==> flow/design.v <==
module addsub_mod #(
  parameter int BITS = 28
) (
  input  logic aclk,
  input  logic aresetn,
  input  logic [BITS-1:0] i_opa,
  input  logic i_minus,
  input  logic i_zero,
  output logic [BITS-1:0] o_q
);
  logic [BITS-1:0] opa_d1;
  logic minus_d1;
  logic zero_d1;
  logic [BITS-1:0] acc;
  assign o_q = acc;
  always_ff @(posedge aclk or negedge aresetn) begin
    if (~aresetn) begin
      opa_d1 <= 0;
      minus_d1 <= 1'b0;
      zero_d1 <= 1'b0;
      acc <= 0;
    end else begin
      opa_d1 <= i_opa;
      minus_d1 <= i_minus;
      zero_d1 <= i_zero;
      acc <= zero_d1 ? opa_d1 : minus_d1 ? acc - opa_d1 : acc + opa_d1;
    end
  end
endmodule
### Reports on addsub_mod

Tool output for the design above, in the order of the flow.
Line numbers count from 1 in the design file above.
Operators: Yosys type, input widths -> output width; for muxes data width and select width s.
The mark -- stands for no value.

| set-up | value |
|---|---|
| top module | addsub_mod |
| clock | aclk |
| library | sky130hd |
| library corner | tt_025C_1v80 |

### Elaborated design

Yosys after proc, flatten, opt, wreduce and memory -nomap, before mapping. Enables and synchronous resets that opt folds into registers are not counted as muxes. Memory bits, and registers merged into a memory's read port (data or address), are not among the register bits. Print and check cells are not counted. Equal cells are merged and count once.

| storage and ports | value |
|---|---|
| register bits | 58 |
| input port bits | 32 |
| output and inout bits | 28 |
| elaborated cells | 8 |

| operators by class | value |
|---|---|
| add/subtract/negate cells | 2 |
| multiplexer cells | 2 |

Operators by type and width:

| kind | count |
|---|---|
| $mux 28 | 2 |
| $add 28x28->28 | 1 |
| $sub 28x28->28 | 1 |

### Depth

Yosys ltp: most cells in a row. Word level: on the elaborated netlist, between registers, memories and ports. Mapped: between sequential cells and ports; inverters and the memories' decode and read muxes count.

| depth | value |
|---|---|
| depth after elaboration | 3 |
| ABC_AREA | 0 |
| depth in mapped cells | 15 |
| gate-level depth less buffers | 15 |

### Mapped cells and area

Yosys stat after the flow's synthesis: flattened, memories mapped to cells. It holds for the ABC_AREA given above (unset counts as 0); a run with the other value may have another netlist.
The area totals of this step are shown rounded.

| mapped netlist | value |
|---|---|
| mapped cells | 433 |
| synthesis area | 0.00391 mm^2 |
| sequential area | 0.00145 mm^2 |
| mapped flip-flops | 58 |
| buffers | 12 |

Cells by type:

| cell type | count | total area (um^2) |
|---|---|---|
| sky130_fd_sc_hd__dfrtp_1 | 58 | 1.45E+03 |
| sky130_fd_sc_hd__ha_1 | 28 | 350.336 |
| sky130_fd_sc_hd__xnor2_1 | 32 | 280.269 |
| sky130_fd_sc_hd__o21ai_0 | 32 | 160.154 |
| sky130_fd_sc_hd__a21oi_1 | 31 | 155.149 |
| sky130_fd_sc_hd__nand2_1 | 39 | 146.39 |
| sky130_fd_sc_hd__nor2_1 | 36 | 135.13 |
| sky130_fd_sc_hd__a21o_1 | 15 | 112.608 |
| sky130_fd_sc_hd__o21a_1 | 11 | 82.579 |
| sky130_fd_sc_hd__inv_1 | 17 | 63.811 |
| sky130_fd_sc_hd__a311oi_1 | 7 | 61.309 |
| sky130_fd_sc_hd__nand3_1 | 11 | 55.053 |
| sky130_fd_sc_hd__nor3_1 | 11 | 55.053 |
| sky130_fd_sc_hd__a211oi_1 | 6 | 45.043 |
| sky130_fd_sc_hd__a31oi_1 | 6 | 37.536 |
| sky130_fd_sc_hd__and3_1 | 6 | 37.536 |
| sky130_fd_sc_hd__clkbuf_1 | 10 | 37.536 |
| sky130_fd_sc_hd__xor2_1 | 4 | 35.034 |

Not listed: further types 43, cells in them 73.

### Path before layout

Source: OpenSTA report_checks on the synthesized netlist (no wires, ideal clock, input and output delay 20% of the period each), path of least setup slack; recovery checks are left aside. Register names are those of the netlist, which keeps one name where synthesis merged equal registers.

| timing post-synthesis | value |
|---|---|
| kind | flip-flop to flip-flop |
| from | reg opa_d1[0] |
| to | reg acc[27] |
| clock period | 4140 ps |
| library setup time | 136 ps |
| launch time at the first pin | 0 ps |
| arrival time | 3173 ps |
| required time | 4004 ps |
| slack | 831 ps |
| path delay | 3309 ps |
| stages | 16 |
| path buffers | 0 |
| period reached after synthesis | 3309 ps |

"path delay" is the arrival time less input delay plus setup time.
"stages" counts driving pins, that of a launching flip-flop among them; a cell with two outputs on the path counts twice.
"period reached after synthesis" is the clock period less the worst setup slack; recovery checks do not enter. This is arithmetic on one report: input and output delays are still those of the set period (20% each).
Between the ends stands the longest chain of elaborated cells between them, by number of cells; it is not shown to be the way that was timed. Of several equally long chains one is given.
Each line given opens the expression or statement behind the cell; cells for indexed reads and writes are added by Yosys, which also makes memories of some case tables.

| between the ends, post-synthesis | value |
|---|---|
| path through | sky130_fd_sc_hd__dfrtp_1 > sky130_fd_sc_hd__inv_1 > sky130_fd_sc_hd__ha_1 > sky130_fd_sc_hd__nand3b_1 > sky130_fd_sc_hd__nor4_1 > sky130_fd_sc_hd__a21o_1 > sky130_fd_sc_hd__o21ai_0 > sky130_fd_sc_hd__xnor2_1 > sky130_fd_sc_hd__ha_1 > sky130_fd_sc_hd__and3_1 > sky130_fd_sc_hd__nand2_1 > sky130_fd_sc_hd__a21o_1 > sky130_fd_sc_hd__a31o_2 > sky130_fd_sc_hd__and3_1 > sky130_fd_sc_hd__a221oi_1 > sky130_fd_sc_hd__nand4_1 |
| cells in the longest elaborated chain | 3 |
| elaborated cells on any way between the ends | 4 |
| RTL lines with such cells | 1 |
| those cells by class | add/sub: 2; mux: 2 |

RTL lines, path post-synthesis:

| what | line | text |
|---|---|---|
| start, declared | 11 | `logic [BITS-1:0] opa_d1;` |
| start, assigned | 18 | `opa_d1 <= 0;` |
| start, assigned | 23 | `opa_d1 <= i_opa;` |
| $add 28x28->28 | 26 | `acc <= zero_d1 ? opa_d1 : minus_d1 ? acc - opa_d1 : acc + opa_d1;` |
| $mux 28 x2 | 26 |  |
| end, assigned | 21 | `acc <= 0;` |
| end, assigned | 26 |  |
| end, declared | 14 | `logic [BITS-1:0] acc;` |

### Path in the finished layout

Path of least setup slack in the final report of run B (OpenROAD, finished layout, wires in). Where an end is a register, its clock arrival counts in the times.
The report prints the path's times to 10 ps; the period is as set.

| timing after layout | value |
|---|---|
| kind | flip-flop to flip-flop |
| from | reg opa_d1[0] |
| to | reg acc[27] |
| clock period | 4150 ps |
| library setup time | 60 ps |
| launch time at the first pin | 340 ps |
| arrival time | 4110 ps |
| required time | 4440 ps |
| slack | 330 ps |
| stages | 16 |
| path buffers | 1 |

Between the ends stands the longest chain of elaborated cells between them, by number of cells; it is not shown to be the way that was timed. Of several equally long chains one is given.

| between the ends, after layout | value |
|---|---|
| path through | sky130_fd_sc_hd__dfrtp_1 > sky130_fd_sc_hd__inv_1 > sky130_fd_sc_hd__ha_1 > sky130_fd_sc_hd__nand3b_1 > sky130_fd_sc_hd__nor4_4 > sky130_fd_sc_hd__buf_2 > sky130_fd_sc_hd__a21o_2 > sky130_fd_sc_hd__o21ai_0 > sky130_fd_sc_hd__xnor2_1 > sky130_fd_sc_hd__ha_2 > sky130_fd_sc_hd__and3_1 > sky130_fd_sc_hd__nand2_1 > sky130_fd_sc_hd__a211o_1 > sky130_fd_sc_hd__a21o_1 > sky130_fd_sc_hd__or4_1 > sky130_fd_sc_hd__nand4_1 |
| cells in the longest elaborated chain | 3 |
| elaborated cells on any way between the ends | 4 |
| RTL lines with such cells | 1 |
| those cells by class | add/sub: 2; mux: 2 |

RTL lines, path after layout:

| what | line | text |
|---|---|---|
| start, declared | 11 | `logic [BITS-1:0] opa_d1;` |
| start, assigned | 18 | `opa_d1 <= 0;` |
| start, assigned | 23 | `opa_d1 <= i_opa;` |
| $add 28x28->28 | 26 | `acc <= zero_d1 ? opa_d1 : minus_d1 ? acc - opa_d1 : acc + opa_d1;` |
| $mux 28 x2 | 26 |  |
| end, assigned | 21 | `acc <= 0;` |
| end, assigned | 26 |  |
| end, declared | 14 | `logic [BITS-1:0] acc;` |

Design addsub_mod on sky130hd. What follows are 3 stored runs of the flow, each under its own settings; their order means nothing. The constraints put input and output delay at 20% of the set period each and load the outputs with 0.01 pF.
"achieved period" = clock period - worst setup slack. The figure is calculated, with input and output delays left at 20% of the set period.
"critical setup path time" = time allowed to the worst setup path (clock period - input delay - output delay, where it has them) - its slack; a late launch clock adds to it, a late capture clock takes from it.
"power consumption": no workload was simulated; the value follows from the tool's default switching activity.
"critical setup path time" is given in steps of 10 ps.
The results are shown rounded.
Among the settings, - means not set for that run.
Results: - = not shown.

| run name | period_ns | CORE_UTILIZATION | SETUP_SLACK_MARGIN | PLACE_DENSITY_LB_ADDON | CELL_PAD_IN_SITES_GLOBAL_PLACEMENT | CELL_PAD_IN_SITES_DETAIL_PLACEMENT | ABC_AREA | CTS_CLUSTER_SIZE | CAP_MARGIN | CORE_MARGIN | SLEW_MARGIN | GPL_TIMING_DRIVEN | CTS_CLUSTER_DIAMETER | MIN_ROUTING_LAYER | standard-cell area of the final layout (mm^2) | total die area (mm^2) | power consumption (µW) | utilization after layout (%) | critical setup path time (ps) | worst setup path type | post-synthesis cell area (mm^2) | setup slack of the critical path (ps) | setup total negative slack (ps) | achieved period (ps) |
|---|---|---|---|---|---|---|---|---|---|---|---|---|---|---|---|---|---|---|---|---|---|---|---|---|
| run A | 2.23 | 49 | -0.22 | 0.18 | 1 | 1 | 1 | 63 | 35 | 2 | 20 | - | - | - | - | - | - | - | - | - | - | - | - | - |
| run B | 4.15 | 42 | 0.05 | 0.09 | - | - | 0 | 97 | 20 | 2 | 5 | 0 | 173 | met2 | 0.00487 | 0.0101 | 3030 | 53.2 | 3820 | flip-flop to flip-flop | 0.00391 | 328 | 0 | 3822 |
| run C | 4.14 | 40 | - | - | - | - | - | - | 20 | 2 | 20 | - | - | - | 0.00485 | 0.0106 | 3040 | 50.4 | 3710 | flip-flop to flip-flop | 0.00391 | 430 | 0 | 3710 |

Run A: no final report: clock tree synthesis broke off with DPL-0033
